==> flow/design.v <==
module sync_mul_mod #(
    parameter int DATA_W = 12
) (
    input  logic clk,
    input  logic rst,
    input  logic [DATA_W-1:0] in_first,
    input  logic [DATA_W-1:0] in_second,
    input  logic in_clear,
    output logic [2*DATA_W-1:0] out_res,
    output logic out_fin
);
    localparam int SW = $clog2(DATA_W + 1);
    logic [DATA_W-1:0] mcand;
    logic [SW-1:0] left;
    always_ff @(posedge clk or posedge rst) begin
        if (rst) begin
            mcand <= 0;
            left <= 0;
        end else begin
            mcand <= in_clear ? in_first : mcand;
            left <= in_clear ? DATA_W : (left != 0) ? left - 1'b1 : left;
        end
    end
    logic [2*DATA_W-1:0] run_sum;
    logic [DATA_W:0] work;
    assign work = run_sum[2*DATA_W-1:DATA_W] + (run_sum[0] ? mcand : {DATA_W{1'b0}});
    always_ff @(posedge clk or posedge rst) begin
        if (rst) begin
            run_sum <= 0;
        end else begin
            run_sum <= in_clear ? {{DATA_W{1'b0}}, in_second} : (left != 0) ? {work, run_sum[DATA_W-1:1]} : run_sum;
        end
    end
    assign out_res = run_sum;
    assign out_fin = (left == 0);
endmodule
Reports on sync_mul_mod
Tool output for the design above, in the order of the flow.
Line numbers count from 1 in the design file above.
Operators carry their Yosys type and port widths (W data, S select, Z words).
Library cell names are shortened.
The mark - stands for no value.

design
  top = sync_mul_mod
  clock input = clk
  library = sky130hd
  library corner = tt_025C_1v80

Word-level counts
Yosys after proc, flatten, opt, wreduce and memory -nomap, before mapping. Memory bits, and registers merged into a memory's read port (data or address), are not among the register bits. Print and check cells are not counted. Equal cells are merged and count once.

bit counts
  elaborated cells = 13
  output and inout bits = 25
  register bits after elaboration = 40
  input port bits = 27

operators by class
  add/subtract/negate cells = 2
  reductions and logical operators = 3
  mux-type cells = 5

operators with widths
  cell                   number
  $mux W24               2
  $add A12 B12 Y13       1
  $mux W12               1
  $mux W4                2
  $sub A4 B1 Y4 const B  1
  $logic_not A4 Y1       1
  $reduce_bool A4 Y1     1
  $reduce_bool A2 Y1     1

Depth
Depth = most cells in a row (Yosys ltp): at word level without a register or memory, in the mapped netlist without a sequential cell, where the memories' decode and read muxes count.

logic depth
  word-level depth = 4
  ABC_AREA = 0
  gate-level depth with buffers = 11
  mapped depth without buffers = 10

Netlist
Source: synth_stat.txt of the flow (Yosys; design flattened, memories mapped). It holds for the ABC_AREA given above (unset counts as 0); a run with the other value may have another netlist.
The area totals of this step are shown rounded.

synthesis totals
  buffers = 11
  sequential part of the area = 1,000 um^2
  cells in the netlist = 215
  flip-flop cells = 40
  cell area after synthesis = 2,270 um^2

cells by type
  type      number  area in all (um^2)
  dfrtp_1   40      1,000.96
  ha_1      13      162.656
  mux2_2    12      135.13
  mux2i_1   12      120.115
  nand2_1   25      93.84
  and2_1    11      68.816
  xnor2_1   6       52.55
  a21oi_1   10      50.048
  o21ai_1   10      50.048
  nor2_1    8       30.029
  a22o_1    3       26.275
  inv_1     7       26.275
  xor2_1    3       26.275
  a211oi_1  3       22.522
  a21o_1    3       22.522
  buf_6     2       22.522
  clkbuf_1  6       22.522
  buf_12    1       20.019

Not listed: further types 28, cells in them 40.

Timing after synthesis
Source: OpenSTA report_checks on the synthesized netlist (no wires, ideal clock, input and output delay 20% of the period each), path of least setup slack; recovery checks are left aside. Register names are those of the netlist, which keeps one name where synthesis merged equal registers.

timing after synthesis
  kind = register to register
  from = register run_sum[0]
  to = register run_sum[21]
  clock period = 2.98 ns
  setup slack = 0.596 ns
  data arrival time = 2.315 ns
  library setup time = 0.069 ns
  required time = 2.911 ns
  launch time at the first pin = 0.000 ns
  path delay = 2.384 ns
  path buffers = 1
  stages on the path = 12
  synthesis period reached = 2.384 ns

"path delay" is the arrival time less input delay plus setup time.
"stages on the path" counts driving pins, that of a launching flip-flop among them; a cell with two outputs on the path counts twice.
"synthesis period reached" is the clock period less the worst setup slack; recovery checks do not enter. This is arithmetic on one report: input and output delays are still those of the set period (20% each).
The rows between start and end are the longest chain of elaborated cells between them; the timing report does not say that the signal goes this way. Where chains are equally long, one stands for them.
A line is the first line of the expression or statement that the cell stems from. Yosys adds cells for indexed reads and writes and turns some case tables into memories.

on the way, after synthesis
  path through = dfrtp_1 clkbuf_1 and2_1 ha_1 inv_1 fa_1 nor2b_4 o2111ai_1 nand3b_2 a311oi_2 or4_1 nand3_1
  cells in the longest elaborated chain = 4
  elaborated cells between the ends (all ways) = 4
  RTL lines with such cells = 2
  classes of those cells = add/sub: 1; mux: 3

ends and longest elaborated chain, after synthesis
  element                RTL line  RTL
  from (decl)            24        logic [2*DATA_W-1:0] run_sum;
  from (assign)          29        run_sum <= 0;
  from (assign)          31        run_sum <= in_clear ? {{DATA_W{1'b0}}, in_second} : (left != 0) ? {work, run_sum[DATA_W-1:1]} : run_sum;
  $mux W12               26        assign work = run_sum[2*DATA_W-1:DATA_W] + (run_sum[0] ? mcand : {DATA_W{1'b0}});
  $add A12 B12 Y13       26
  $mux W24 (2 in a row)  31
  to (assign)            29
  to (assign)            31
  to (decl)              24

Worst path after layout
Path of least setup slack in the final report of record 1 (OpenROAD, finished layout, wires in). Where an end is a register, its clock arrival counts in the times.

timing post-layout
  kind = register to output
  from = register left[0]
  to = output port out_fin
  stages on the path = 7
  launch time at the first pin = 0.29 ns
  setup slack = 0.16 ns
  required time = 2.38 ns
  external output delay = 0.60 ns
  clock period = 2.98 ns
  data arrival time = 2.23 ns
  path buffers = 1

The rows between start and end are the longest chain of elaborated cells between them; the timing report does not say that the signal goes this way. Where chains are equally long, one stands for them.

on the way, post-layout
  path through = dfrtp_1 inv_1 ha_1 inv_1 or3_1 inv_6 clkdlybuf4s50_1
  cells in the longest elaborated chain = 1
  elaborated cells between the ends (all ways) = 1
  RTL lines with such cells = 1
  classes of those cells = reduce/logical: 1

ends and longest elaborated chain, post-layout
  element           RTL line  RTL
  from (decl)       14        logic [SW-1:0] left;
  from (assign)     18        left <= 0;
  from (assign)     21        left <= in_clear ? DATA_W : (left != 0) ? left - 1'b1 : left;
  $logic_not A4 Y1  35        assign out_fin = (left == 0);
  to (decl)         10        output logic out_fin

sync_mul_mod through Yosys and OpenROAD on sky130hd: 3 stored runs, unordered, with their settings and measured results. The constraints put input and output delay at 20% of the set period each and load the outputs with 0.01 pF.
"achieved period": clock period set for the run, less the worst setup slack. It is reckoned from that one timing run; input and output delays stay at 20% of the period that was set.
"time used up by the worst setup path" means the part of the period allowed to the worst setup path (the constraints hold back 20% at inputs and 20% at outputs) less its slack; where the path has registers, the arrival times of their clocks count too.
By "power" is meant OpenSTA's value without simulated activity: inputs other than the clock are taken to toggle once in ten clock periods, and the tool carries that through the logic.
Values from the reports are rounded here.
Among the settings, n/a means not set for that run.

setting or result                          record 1            record 2            record 3
period_ns                                  2.98                3.96                2.14
CAP_MARGIN                                 20                  20                  20
CORE_MARGIN                                2                   2                   5
CORE_UTILIZATION                           40                  33                  39
SLEW_MARGIN                                20                  20                  20
SETUP_SLACK_MARGIN                         n/a                 0.62                0.63
CORE_ASPECT_RATIO                          n/a                 0.77                0.56
GPL_ROUTABILITY_DRIVEN                     n/a                 1                   n/a
MAX_ROUTING_LAYER                          n/a                 met4                n/a
CELL_PAD_IN_SITES_DETAIL_PLACEMENT         n/a                 n/a                 1
GPL_TIMING_DRIVEN                          n/a                 n/a                 0
CTS_CLUSTER_SIZE                           n/a                 n/a                 77
die size (um^2)                            6,280               7,550               7,500
achieved period (ns)                       2.823               3.096               2.403
time used up by the worst setup path (ns)  2.23                2.30                2.40
kind of the worst setup path               register to output  register to output  register to register
utilization of the finished layout (%)     53.3                44.0                65.4
power (uW)                                 1,540               1,180               2,430
total negative setup slack (ns)            0.000               0.000               -1.46
chip area after synthesis (Yosys) (um^2)   2,270               2,270               2,270
lowest setup slack (ns)                    0.157               0.864               -0.263
